==> flow/design.v <==
module dp_mplex_rtl #(
    parameter integer DW = 12,
    parameter integer COUNT = 48,
    parameter integer SEL_WIDTH = $clog2(COUNT)
) (
    input  logic ck,
    input  logic rst_n,
    input  logic [COUNT*DW-1:0] ch,
    input  logic [SEL_WIDTH-1:0] choose,
    output logic [DW-1:0] result
);
    logic [COUNT*DW-1:0] ch_r;
    logic [SEL_WIDTH-1:0] choose_r;
    always_ff @(posedge ck or negedge rst_n) begin
        if (~rst_n) begin
            ch_r <= '0;
            choose_r <= '0;
        end else begin
            ch_r <= ch;
            choose_r <= choose;
        end
    end
    wire [DW-1:0] lanes [0:COUNT-1];
    generate
        for (genvar i = 0; i < COUNT; i++) begin : blk
            assign lanes[i] = ch_r[i*DW +: DW];
        end
    endgenerate
    always_ff @(posedge ck or negedge rst_n) begin
        if (~rst_n) begin
            result <= '0;
        end else begin
            result <= lanes[choose_r];
        end
    end
endmodule
# Step by step through the tools: dp_mplex_rtl
# Tool output for the design above, in the order of the flow.
# Line numbers count from 1 in the design file above.
# Cell names lack the library's common part.
design:
  top: "dp_mplex_rtl"
  clk_port: "ck"
  library: "sky130hd"
  pvt_corner: "tt_025C_1v80"

# Elaborated design
# Source: Yosys, flattened and elaborated. Widths are those after wreduce; folded enables and synchronous resets count as part of the registers. Registers that Yosys merges into a memory's read port (data or address) are not register bits. Print and check cells do not count. Equal cells are merged and count once.
word_totals:
  out_inout_bits: 12
  register_bits: 594
  elab_cells: 52
  input_bits: 584
op_classes:
  equal: 47
  muxes: 1
  reduce_logical: 1
op_table:
  columns: ["operator", "n"]
  rows:
  - ["12-bit case mux with 48-bit select", 1]
  - ["6-bit by 5-bit == test with 1-bit output (second input constant)", 16]
  - ["6-bit == test (second input constant)", 16]
  - ["6-bit by 4-bit == test with 1-bit output (second input constant)", 8]
  - ["6-bit by 3-bit == test with 1-bit output (second input constant)", 4]
  - ["6-bit by 2-bit == test with 1-bit output (second input constant)", 2]
  - ["6-bit by 1-bit == test with 1-bit output (second input constant)", 1]
  - ["6-bit logical NOT", 1]

# Longest topological paths
# Longest topological path by Yosys (ltp), each cell counted once; first at word level (registers and memories cut), then after technology mapping (sequential cells cut; the memories' decode and read muxes count).
logic_depth:
  ltp_word: 2
  abc_area: 0
  ltp_mapped: 10
  depth_no_buf: 6

# Netlist
# Yosys stat after the flow's synthesis: flattened, memories mapped to cells. It holds for the ABC_AREA given above (unset counts as 0); a run with the other value may have another netlist.
# Totals and module areas in this step are rounded.
synth_totals:
  cell_count: 1214
  sequential_area_mm2: 0.0149
  area_mm2: 0.0194
  flip_flops: 594
  buf_cells: 58
types:
  columns: ["type", "n", "type_area_um2"]
  rows:
  - ["dfrtp_1", 594, 1.49E+04]
  - ["a22oi_1", 141, 1.06E+03]
  - ["mux2i_1", 44, 440.422]
  - ["nor3_2", 24, 240.23]
  - ["a221oi_1", 25, 218.96]
  - ["a22o_1", 24, 210.202]
  - ["nand4_1", 30, 187.68]
  - ["mux2_2", 14, 157.651]
  - ["nor3_1", 31, 155.149]
  - ["nand2_1", 36, 135.13]
  - ["nor4_1", 21, 131.376]
  - ["buf_2", 26, 130.125]
  - ["nor2_1", 28, 105.101]
  - ["nor3_4", 6, 97.594]
  - ["a32oi_1", 11, 96.342]
  - ["buf_4", 11, 82.579]
  - ["a21oi_1", 16, 80.077]
  - ["buf_6", 7, 78.826]
# Other cell types: 43; their cells: 125.

# Timing after synthesis
# OpenSTA on the mapped netlist: ideal clock, no wires. The path of least setup slack (recovery checks aside). Input and output delay are each 20% of the period. Register names are those of the netlist, which keeps one name where synthesis merged equal registers.
synth_timing:
  path_type: "register -> register"
  startpoint: "register (name not given)"
  endpoint: "register result[7]"
  tclk_ns: 2.49
  n_path_buf: 3
  stages: 9
  path_slack_ns: 0.496
  setup_time_ns: 0.126
  launch_ns: 0.000
  arrival_ns: 1.868
  delay_ns: 1.994
  t_required_ns: 2.364
  period_less_setup_slack_ns: 1.994
# "delay_ns" = arrival - input delay + setup time.
# "stages" counts driving pins, that of a launching flip-flop among them; a cell with two outputs on the path counts twice.
# "period_less_setup_slack_ns" = period - worst setup slack (recovery checks aside). The figure is calculated, with input and output delays left at 20% of the set period.
# Between the ends stands the longest chain of elaborated cells between them, by number of cells; it is not shown to be the way that was timed. Of several equally long chains one is given.
# Each line given opens the expression or statement behind the cell; cells for indexed reads and writes are added by Yosys, which also makes memories of some case tables.
synth_via:
  cell_sequence: "dfrtp_1 > buf_4 > buf_2 > buf_2 > mux2i_1 > o21ai_0 > a211oi_1 > nand4_1 > o32a_1"
  elab_chain_len: 2
  cells_between: 49
  cone_lines: 1
  classes_between: "eq/ne: 47; mux: 1; reduce/logical: 1"
synth_rtl:
  columns: ["element", "line_no", "source"]
  rows:
  - ["from (decl)", 13, null]
  - ["from (assign)", 17, null]
  - ["from (assign)", 20, null]
  - ["6-bit == test", 33, null]
  - ["12-bit case mux with 48-bit select", 33, null]
  - ["to (assign)", 31, "result <= '0;"]
  - ["to (assign)", 33, null]
  - ["to (decl)", 10, "output logic [DW-1:0] result"]

# Path in the finished layout
# From the final timing report of flow run B: the path of least setup slack in the routed layout; clock arrival at registers is part of the times.
layout_timing:
  path_type: "register -> register"
  startpoint: "register (name not given)"
  endpoint: "register result[4]"
  launch_ns: 0.66
  tclk_ns: 2.07
  n_path_buf: 4
  t_required_ns: 2.60
  stages: 11
  setup_time_ns: 0.11
  arrival_ns: 3.29
  path_slack_ns: -0.68
# Between the ends stands the longest chain of elaborated cells between them, by number of cells; it is not shown to be the way that was timed. Of several equally long chains one is given.
layout_via:
  cell_sequence: "dfrtp_1 > buf_4 > or2_4 > buf_6 > buf_6 > nor3_2 > buf_12 > a22oi_2 > nand4_1 > a211o_1 > o32a_1"
  elab_chain_len: 2
  cells_between: 49
  cone_lines: 1
  classes_between: "eq/ne: 47; mux: 1; reduce/logical: 1"
layout_rtl:
  columns: ["element", "line_no", "source"]
  rows:
  - ["from (decl)", 13, null]
  - ["from (assign)", 17, null]
  - ["from (assign)", 20, null]
  - ["6-bit == test", 33, null]
  - ["12-bit case mux with 48-bit select", 33, null]
  - ["to (assign)", 31, "result <= '0;"]
  - ["to (assign)", 33, null]
  - ["to (decl)", 10, "output logic [DW-1:0] result"]

# Flow measurements of dp_mplex_rtl on sky130hd: 3 stored runs with different settings, listed in no order. Input and output delays are each 20% of the period that was set; the output load is 0.01 pF.
# "period_reached_ns" = clock period - worst setup slack. The figure is calculated, with input and output delays left at 20% of the set period.
# "worstPathTime_ns" is the time allowed to the run's worst setup path (the clock period less input and output delay, where it has them) less its slack. Clock arrival times count: a late capture clock shortens it, a late launch clock lengthens it.
# "power_total_mw": no workload was simulated; the value follows from the tool's default switching activity.
# The results are shown rounded.
runs:
  - name: "flow run A"
    settings:
      period_ns: 1.95
      CORE_UTILIZATION: 69
      SETUP_SLACK_MARGIN: -0.19
      PLACE_DENSITY_LB_ADDON: 0.09
      HOLD_SLACK_MARGIN: 0.25
      CELL_PAD_IN_SITES_DETAIL_PLACEMENT: 2
      GPL_ROUTABILITY_DRIVEN: 0
      CTS_CLUSTER_SIZE: 15
      SLEW_MARGIN: 20
      MIN_ROUTING_LAYER: "met2"
      CAP_MARGIN: 20
      CORE_MARGIN: 2
    outcome: "incomplete, placement halted on a tool error"
  - name: "flow run B"
    settings:
      period_ns: 2.07
      CORE_UTILIZATION: 31
      SETUP_SLACK_MARGIN: 0.09
      PLACE_DENSITY_LB_ADDON: 0.06
      HOLD_SLACK_MARGIN: 0.11
      CORE_ASPECT_RATIO: 1.66
      CORE_MARGIN: 8
      CELL_PAD_IN_SITES_GLOBAL_PLACEMENT: 0
      CELL_PAD_IN_SITES_DETAIL_PLACEMENT: 1
      MIN_ROUTING_LAYER: "met2"
      CAP_MARGIN: 20
      SLEW_MARGIN: 20
    results:
      stdcell_area_mm2: 0.0337
      die_footprint_mm2: 0.0712
      fin_ws_ns: -0.683
      util_pct: 54.2
      synth_chip_area_mm2: 0.0194
      worstPathTime_ns: 2.75
      critical_path_type: "register -> register"
      power_total_mw: 26.9
      ws_hold_ns: 0.195
      period_reached_ns: 2.753
      setupTns_ns: -5.89
  - name: "flow run C"
    settings:
      period_ns: 2.49
      CAP_MARGIN: 20
      CORE_MARGIN: 2
      CORE_UTILIZATION: 40
      SLEW_MARGIN: 20
    results:
      stdcell_area_mm2: 0.0299
      die_footprint_mm2: 0.0504
      fin_ws_ns: -0.041
      util_pct: 62.5
      synth_chip_area_mm2: 0.0194
      worstPathTime_ns: 2.53
      critical_path_type: "register -> register"
      power_total_mw: 21.6
      ws_hold_ns: 0.302
      period_reached_ns: 2.531
      setupTns_ns: -0.041
